==> flow/design.v <==
module dp_barrel #(
    parameter integer WD = 8,
    parameter integer SEL_WIDTH = $clog2(WD)
) (
    input wire clk,
    input wire [WD-1:0] src_in,
    input wire [SEL_WIDTH-1:0] by_in,
    output reg [WD-1:0] y_out
);
    wire [WD-1:0] lvl [0:SEL_WIDTH];
    assign lvl[0] = src_in;
    genvar k;
    generate
        for (k = 0; k < SEL_WIDTH; k = k + 1) begin : each
            assign lvl[k+1] = by_in[k] ? (lvl[k] >> (1 << k)) | (lvl[k] << (WD - (1 << k))) : lvl[k];
        end
    endgenerate
    always @(posedge clk) begin
        y_out <= lvl[SEL_WIDTH];
    end
endmodule
Wiki page: dp_barrel / tool data

==> Step by step through the tools: dp_barrel <==
A sweep over "WD": the same steps for each member of the family.
The RTL above is that of WD = 8; lines are counted from 1 in the file of the member named.
Library cell names are shortened.
{ "setup": {"top_module": "dp_barrel", "clock": "clk", "cell_library": "sky130hd", "lib_corner": "tt_025C_1v80"} }

==> Source of the members <==
New or changed lines of each further member against the RTL above, in its own file; lines it lacks are not shown.
{ "src_changes": {"columns": ["WD", "line", "text"], "rows": [
  [16, 2, "parameter integer WD = 16,"],
  [24, 2, "parameter integer WD = 24,"],
  [64, 2, "parameter integer WD = 64,"]
]} }

==> Word-level counts <==
Counts by Yosys on the flattened word-level netlist (proc, flatten, opt, wreduce; memories kept). Register bits leave out memories and registers merged into their read ports (data or address); mux counts leave out enables and synchronous resets folded into registers. Print and check cells are left out. Cells with the same type and inputs are merged into one.
{ "op_classes": {"columns": ["WD", "mux", "n_logic"], "rows": [
  [8, 3, 3],
  [16, 4, 4],
  [24, 5, 5],
  [64, 6, 6]
]} }
{ "op_table": {"columns": ["WD", "operators"], "rows": [
  [8, "8-bit two-way mux (3); 4-bit by 8-bit bitwise OR with 8-bit output (1); 6-bit by 8-bit bitwise OR with 8-bit output (1); 7-bit by 8-bit bitwise OR with 8-bit output (1)"],
  [16, "16-bit two-way mux (4); 12-bit by 16-bit bitwise OR with 16-bit output (1); 14-bit by 16-bit bitwise OR with 16-bit output (1); 15-bit by 16-bit bitwise OR with 16-bit output (1); 8-bit by 16-bit bitwise OR with 16-bit output (1)"],
  [24, "24-bit two-way mux (5); 16-bit by 24-bit bitwise OR with 24-bit output (1); 20-bit by 24-bit bitwise OR with 24-bit output (1); 22-bit by 24-bit bitwise OR with 24-bit output (1); 23-bit by 24-bit bitwise OR with 24-bit output (1); 8-bit by 24-bit bitwise OR with 24-bit output (1)"],
  [64, "64-bit two-way mux (6); 32-bit by 64-bit bitwise OR with 64-bit output (1); 48-bit by 64-bit bitwise OR with 64-bit output (1); 56-bit by 64-bit bitwise OR with 64-bit output (1); 60-bit by 64-bit bitwise OR with 64-bit output (1); 62-bit by 64-bit bitwise OR with 64-bit output (1); 63-bit by 64-bit bitwise OR with 64-bit output (1)"]
]} }
{ "word_totals": {"columns": ["WD", "reg_bits", "inputBits", "out_inout_bits", "wordCells"], "rows": [
  [8, 8, 12, 8, 7],
  [16, 16, 21, 16, 9],
  [24, 24, 30, 24, 11],
  [64, 64, 71, 64, 13]
]} }

==> Longest topological paths <==
Depth = most cells in a row (Yosys ltp): at word level without a register or memory, in the mapped netlist without a sequential cell, where the memories' decode and read muxes count.
{ "depth": {"columns": ["WD", "depth_word", "abc_area", "ltp_mapped", "ltp_nobuf"], "rows": [
  [8, 6, 0, 3, 2],
  [16, 8, 0, 4, 2],
  [24, 10, 0, 5, 3],
  [64, 12, 0, 5, 3]
]} }

==> Mapped cells and area <==
The flow's flattened synthesis, as Yosys stat reports it; memories are mapped. The netlist is that of the ABC_AREA named above (0 if unset); the other value can give another one.
{ "mapped": {"columns": ["WD", "cells", "mapped_area_um2", "sequential_area_um2", "ff_cells", "buf_cells"], "rows": [
  [8, 27, 486.7, 160.2, 8, 3],
  [16, 56, 1123.6, 320.3, 16, 8],
  [24, 111, 2075.7, 480.5, 24, 15],
  [64, 298, 5886.9, 1281.2, 64, 42]
]} }
{ "by_type": {"columns": ["WD", "cell_types"], "rows": [
  [8, "mux4_1 (8); dfxtp_1 (8); mux2_2 (8); buf_6 (2); buf_1 (1)"],
  [16, "mux4_2 (25); dfxtp_1 (16); mux4_1 (7); buf_12 (1); buf_6 (1); clkbuf_1 (3); buf_2 (2); buf_1 (1)"],
  [24, "mux4_1 (44); dfxtp_1 (24); mux2_2 (24); mux4_2 (4); clkbuf_1 (10); buf_6 (3); buf_1 (2)"],
  [64, "mux4_2 (188); dfxtp_1 (64); buf_12 (6); mux4_1 (4); clkbuf_1 (17); buf_1 (15); buf_2 (3); buf_6 (1)"]
]} }

==> Path before layout <==
OpenSTA on the mapped netlist: ideal clock, no wires. The path of least setup slack (recovery checks aside). Input and output delay are each 20% of the period. Register names are those of the netlist, which keeps one name where synthesis merged equal registers.
{ "synth_path": {"columns": ["WD", "path_type", "start", "end", "clock_period_ns", "setup_slack_ns", "path_stages", "path_delay_ns", "synth_period_reached_ns"], "rows": [
  [8, "in2reg", "input port by_in[0]", "register y_out[0]", 1.63, 0.262, 3, 1.042, 1.368],
  [16, "in2reg", "input port by_in[3]", "register y_out[8]", 2.22, 0.358, 3, 1.418, 1.862],
  [24, "in2reg", "input port by_in[2]", "register y_out[17]", 2.76, 0.441, 5, 1.767, 2.319],
  [64, "in2reg", "input port by_in[3]", "register y_out[13]", 3.29, 0.526, 5, 2.106, 2.764]
]} }
"path_delay_ns" is the arrival time less input delay plus setup time.
"path_stages": output pins that drive a net of the path, with the launching flip-flop's if there is one; two outputs of one cell count as two.
"synth_period_reached_ns" = period - worst setup slack (recovery checks aside). The figure is calculated, with input and output delays left at 20% of the set period.
Between the ends stands the longest chain of elaborated cells between them, by number of cells; it is not shown to be the way that was timed. Of several equally long chains one is given.
Each line given opens the expression or statement behind the cell; cells for indexed reads and writes are added by Yosys, which also makes memories of some case tables.
{ "synth_via_WD_8": {"elab_chain_len": 5} }
{ "synth_lines_WD_8": {"columns": ["element", "line", "text"], "rows": [
  ["start, declared", 7, "input wire [SEL_WIDTH-1:0] by_in,"],
  ["8-bit two-way mux", 15, "assign lvl[k+1] = by_in[k] ? (lvl[k] >> (1 << k)) | (lvl[k] << (WD - (1 << k))) : lvl[k];"],
  ["6-bit by 8-bit bitwise OR with 8-bit output", 15, null],
  ["8-bit two-way mux", 15, null],
  ["4-bit by 8-bit bitwise OR with 8-bit output", 15, null],
  ["8-bit two-way mux", 15, null],
  ["end, assigned", 19, "y_out <= lvl[SEL_WIDTH];"],
  ["end, declared", 8, "output reg [WD-1:0] y_out"]
]} }
{ "synth_via_WD_64": {"elab_chain_len": 5} }
{ "synth_lines_WD_64": {"columns": ["element", "line", "text"], "rows": [
  ["start, declared", 7, "input wire [SEL_WIDTH-1:0] by_in,"],
  ["64-bit two-way mux", 15, "assign lvl[k+1] = by_in[k] ? (lvl[k] >> (1 << k)) | (lvl[k] << (WD - (1 << k))) : lvl[k];"],
  ["48-bit by 64-bit bitwise OR with 64-bit output", 15, null],
  ["64-bit two-way mux", 15, null],
  ["32-bit by 64-bit bitwise OR with 64-bit output", 15, null],
  ["64-bit two-way mux", 15, null],
  ["end, assigned", 19, "y_out <= lvl[SEL_WIDTH];"],
  ["end, declared", 8, "output reg [WD-1:0] y_out"]
]} }

==> Worst path after layout <==
From the final timing report of the run of each member: the path of least setup slack in the routed layout; clock arrival at registers is part of the times.
{ "layout_path": {"columns": ["WD", "path_type", "start", "end", "clock_period_ns", "setup_slack_ns", "path_stages", "arrival_ns", "path_buffers"], "rows": [
  [8, "in2reg", "input port by_in[2]", "register y_out[4]", 1.63, 0.06, 3, 1.71, 1],
  [16, "in2reg", "input port by_in[0]", "register y_out[13]", 2.22, 0.11, 4, 2.26, 2],
  [24, "in2reg", "input port by_in[0]", "register y_out[10]", 2.76, 0.10, 5, 2.80, 2],
  [64, "in2reg", "input port src_in[42]", "register y_out[52]", 3.29, 0.57, 4, 2.92, 1]
]} }

==> Measured runs <==
One run of the flow (Yosys, OpenROAD) for each member, with settings and measured results. Input and output delays are each 20% of the period that was set; the output load is 0.01 pF.
{ "flow_settings": {"CAP_MARGIN": 20, "CORE_MARGIN": 2, "CORE_UTILIZATION": 40, "SLEW_MARGIN": 20} }
{ "settings_by_member": {"columns": ["WD", "period_ns"], "rows": [
  [8, 1.63],
  [16, 2.22],
  [24, 2.76],
  [64, 3.29]
]} }
{ "measured": {"columns": ["WD", "synthesis_area_um2", "die_footprint_um2", "final_stdcell_area_um2", "ws_setup_ns", "worst_hold_slack_ns", "design_power_mw"], "rows": [
  [8, 486.7, 1511.7, 693.2, 0.058, 0.691, 0.5622],
  [16, 1123.6, 3249.0, 1554.0, 0.112, 1.037, 0.8283],
  [24, 2075.7, 5781.3, 2726.4, 0.103, 1.210, 1.136],
  [64, 5886.9, 15703.8, 7633.6, 0.569, 0.836, 3.434]
]} }
"design_power_mw" rests on the timing tool's default activity at the inputs, not on a simulated workload.
